==> flow/design.v <==
module ram_block_stage #(
  parameter int DEPTH = 24,
  parameter int WD = 24,
  parameter int AW = $clog2(DEPTH)
) (
  input logic clk_i,
  input logic i_rst,
  input logic adv,
  input logic we_in,
  input logic [AW-1:0] wr_addr_in,
  input logic [WD-1:0] d_in,
  input logic [AW-1:0] rsel0_in,
  input logic [AW-1:0] rsel1_in,
  output logic [WD-1:0] rd0_out,
  output logic [WD-1:0] rd1_out
);
  logic [WD-1:0] store [0:DEPTH-1];
  always_ff @(posedge clk_i) begin
    if (adv && we_in)
      store[wr_addr_in] <= d_in;
  end
  logic [WD-1:0] rd0_ff;
  assign rd0_out = rd0_ff;
  logic [WD-1:0] rd1_ff;
  assign rd1_out = rd1_ff;
  always_ff @(posedge clk_i) begin
    if (i_rst) begin
      rd0_ff <= 0;
      rd1_ff <= 0;
    end else if (adv) begin
      rd0_ff <= store[rsel0_in];
      rd1_ff <= store[rsel1_in];
    end
  end
endmodule
=== Reports on ram_block_stage ===
Tool output for the design above, in the order of the flow.
Lines are those of the file above, counted from 1.
Operators carry their Yosys type and port widths (W data, S select, Z words).
Library cell names are shortened.
The mark - stands for no value.

* Top: ram_block_stage
* Clock port: clk_i
* Standard-cell library: sky130hd
* Timing corner: tt_025C_1v80

=== After elaboration ===
Yosys after proc, flatten, opt, wreduce and memory -nomap, before mapping. Enables and synchronous resets that opt folds into registers are not counted as muxes. Memory bits, and registers merged into a memory's read port (data or address), are not among the register bits. Print and check cells are not counted. Equal cells are merged and count once.
Yosys's memory passes give these memory sizes; they may raise the number of words (mostly to a power of two), join words into wider ones and drop unused or constant bits.

* Elaborated cells: 5
* Clocked read ports x word width: 48
* Bits of input ports: 43
* Output and inout port bits: 48
* RAM bits: 576
* Memories kept: 1
* Register bits after elaboration: 0

* Multiplexer cells: 3
* Reduce/logical cells: 1

{| class="wikitable"
|+ Memories
! memory !! words !! width !! rd ports !! write ports !! line !! source
|-
| store || 24 || 24 || 2 || 1 || 17 || <nowiki>logic [WD-1:0] store [0:DEPTH-1];</nowiki>
|}

{| class="wikitable"
|+ Operator list
! operator !! count
|-
| $mux W24 || 1
|-
| $mux W5 || 1
|-
| $logic_and A1 B1 Y1 || 1
|-
| $mux W1 || 1
|}

=== Depth ===
Yosys ltp: most cells in a row. Word level: on the elaborated netlist, between registers, memories and ports. Mapped: between sequential cells and ports; inverters and the memories' decode and read muxes count.

* Depth after elaboration: 2
* ABC_AREA: 1
* Gate-level depth with buffers: 11
* Gate-level depth less buffers: 8

=== Synthesis result ===
Source: synth_stat.txt of the flow (Yosys; design flattened, memories mapped). It holds for the ABC_AREA given above (unset counts as 0); a run with the other value may have another netlist.
Totals and module areas in this step are rounded.

{| class="wikitable"
|+ Cell types
! cell type !! count !! total area (µm²)
|-
| edfxtp_1 || 576 || 1.73E+04
|-
| nand3_1 || 1018 || 5.09E+03
|-
| nand2_1 || 1297 || 4.87E+03
|-
| inv_1 || 635 || 2.38E+03
|-
| dfxtp_1 || 48 || 960.922
|-
| buf_2 || 128 || 640.614
|-
| a21oi_1 || 48 || 240.23
|-
| buf_6 || 19 || 213.955
|-
| o21ai_0 || 40 || 200.192
|-
| clkbuf_1 || 51 || 191.434
|-
| buf_4 || 23 || 172.666
|-
| buf_1 || 33 || 123.869
|-
| nor2_1 || 24 || 90.086
|-
| o21ai_1 || 8 || 40.038
|-
| inv_4 || 2 || 12.512
|-
| clkinv_2 || 2 || 10.01
|-
| inv_2 || 2 || 7.507
|}

* Cell count: 3954
* Sequential area: 18300 µm²
* Buffers: 254
* Flip-flops: 624
* Cell area after synthesis: 32500 µm²

=== Timing after synthesis ===
OpenSTA on the mapped netlist: ideal clock, no wires. The path of least setup slack (recovery checks aside). Input and output delay are each 20% of the period. Register names are those of the netlist, which keeps one name where synthesis merged equal registers.

* Kind: input port to flip-flop
* Start point: input port adv
* End point: memory store[0][0]
* Input delay: 0.674 ns
* Data required time: 2.965 ns
* Stages: 6
* Setup time: 0.405 ns
* Period: 3.37 ns
* Data arrival time: 2.415 ns
* Time at the first pin: 0.674 ns
* Path slack: 0.550 ns
* Path delay: 2.146 ns
* Buffers on the path: 2
* Synthesis period reached: 2.82 ns

"path delay" = arrival - input delay + setup time.
"stages" counts driving pins, that of a launching flip-flop among them; a cell with two outputs on the path counts twice.
"synthesis period reached" = period - worst setup slack (recovery checks aside). The figure is calculated, with input and output delays left at 20% of the set period.
The rows between start and end are the longest chain of elaborated cells between them; the timing report does not say that the signal goes this way. Where chains are equally long, one stands for them.
Each line given opens the expression or statement behind the cell; cells for indexed reads and writes are added by Yosys, which also makes memories of some case tables.
The path ends at the enable pin of a flip-flop; only ways to that pin are counted.

* Cells stage by stage: clkbuf_1 > buf_2 > nand2_1 > inv_1 > nand3_1 > nor2_1
* Cells in the longest elaborated chain: 2
* Elaborated cells on any way between the ends: 3
* RTL lines with such cells: 1
* Classes of those cells: 2 x mux; 1 x reduce/logical

{| class="wikitable"
|+ RTL lines, path after synthesis
! what !! line !! source
|-
| start, declared || 8 || <nowiki>input logic adv,</nowiki>
|-
| $logic_and A1 B1 Y1 || 19 || <nowiki>if (adv && we_in)</nowiki>
|-
| $mux W5 || 19 ||
|-
| end, declared || 17 || <nowiki>logic [WD-1:0] store [0:DEPTH-1];</nowiki>
|}

=== Path in the finished layout ===
From the final timing report of record 1: the path of least setup slack in the routed layout; clock arrival at registers is part of the times.

* Kind: flip-flop to output port
* Start point: register rd1_ff[20]
* End point: output port rd1_out[20]
* Buffers on the path: 1
* Path slack: 1.09 ns
* Period: 3.59 ns
* Data required time: 2.87 ns
* Data arrival time: 1.78 ns
* Time at the first pin: 0.62 ns
* Stages: 2
* External output delay: 0.72 ns

* Cells stage by stage: dfxtp_1 > clkdlybuf4s50_1
* Cells in the longest elaborated chain: 0
* Elaborated cells on any way between the ends: 0
* RTL lines with such cells: 0

{| class="wikitable"
|+ RTL lines, path after layout
! what !! line !! source
|-
| start, declared || 24 || <nowiki>logic [WD-1:0] rd1_ff;</nowiki>
|-
| end, declared || 15 || <nowiki>output logic [WD-1:0] rd1_out</nowiki>
|}

Subject: ram_block_stage on sky130hd, stored results

Hello all,

Module ram_block_stage, platform sky130hd: 3 stored runs of the flow (Yosys, OpenROAD) with differing settings, in no particular order. Input and output delays are each 20% of the period that was set; the output load is 0.01 pF.
"achieved period" = clock period - worst setup slack. The figure is calculated, with input and output delays left at 20% of the set period.
"allowed time less slack (worst setup path)" is the time allowed to the run's worst setup path (the clock period less input and output delay, where it has them) less its slack. Clock arrival times count: a late capture clock shortens it, a late launch clock lengthens it.
"power consumption" is the tool's figure for a default switching activity; nothing was simulated.
Measured values are rounded.

=== Record 1 ===
{| class="wikitable"
! Setting !! Value
|-
| period_ns || 3.59
|-
| CORE_UTILIZATION || 48
|-
| SETUP_SLACK_MARGIN || -0.32
|-
| TNS_END_PERCENT || 60
|-
| ABC_AREA || 1
|-
| GPL_ROUTABILITY_DRIVEN || 1
|-
| CTS_CLUSTER_SIZE || 14
|-
| SLEW_MARGIN || 25
|-
| MIN_ROUTING_LAYER || met1
|-
| MAX_ROUTING_LAYER || met5
|-
| CAP_MARGIN || 20
|-
| CORE_MARGIN || 2
|-
! Result !! Value
|-
| Die area || 69900 µm²
|-
| Smallest hold slack || 0.515 ns
|-
| Area of the standard cells in the finished layout || 36600 µm²
|-
| Achieved period || 2.497 ns
|-
| Final setup TNS || 0.000 ns
|-
| Yosys chip area after synthesis || 32500 µm²
|-
| Allowed time less slack (worst setup path) || 1.78 ns
|-
| Critical path type || flip-flop to output port
|-
| Power consumption || 17000 uW
|-
| Utilization in the final report || 54.5 %
|-
| Setup slack of the worst path || 1.09 ns
|}

=== Record 2 ===
{| class="wikitable"
! Setting !! Value
|-
| period_ns || 3.37
|-
| CAP_MARGIN || 20
|-
| CORE_MARGIN || 2
|-
| CORE_UTILIZATION || 40
|-
| SLEW_MARGIN || 20
|-
! Result !! Value
|-
| Die area || 74500 µm²
|-
| Smallest hold slack || 0.474 ns
|-
| Area of the standard cells in the finished layout || 33800 µm²
|-
| Achieved period || 2.521 ns
|-
| Final setup TNS || 0.000 ns
|-
| Yosys chip area after synthesis || 28900 µm²
|-
| Allowed time less slack (worst setup path) || 1.85 ns
|-
| Critical path type || input port to flip-flop
|-
| Power consumption || 17600 uW
|-
| Utilization in the final report || 47.2 %
|-
| Setup slack of the worst path || 0.849 ns
|}

=== Record 3 ===
{| class="wikitable"
! Setting !! Value
|-
| period_ns || 3.12
|-
| CORE_UTILIZATION || 71
|-
| SETUP_SLACK_MARGIN || 0.69
|-
| PLACE_DENSITY_LB_ADDON || 0.17
|-
| CORE_ASPECT_RATIO || 0.72
|-
| CORE_MARGIN || 6
|-
| CELL_PAD_IN_SITES_GLOBAL_PLACEMENT || 2
|-
| ABC_AREA || 1
|-
| GPL_TIMING_DRIVEN || 1
|-
| CTS_CLUSTER_SIZE || 41
|-
| SLEW_MARGIN || 5
|-
| MIN_ROUTING_LAYER || met2
|-
| CAP_MARGIN || 20
|}
Incomplete, placement halted on FLW-0024.

Thanks
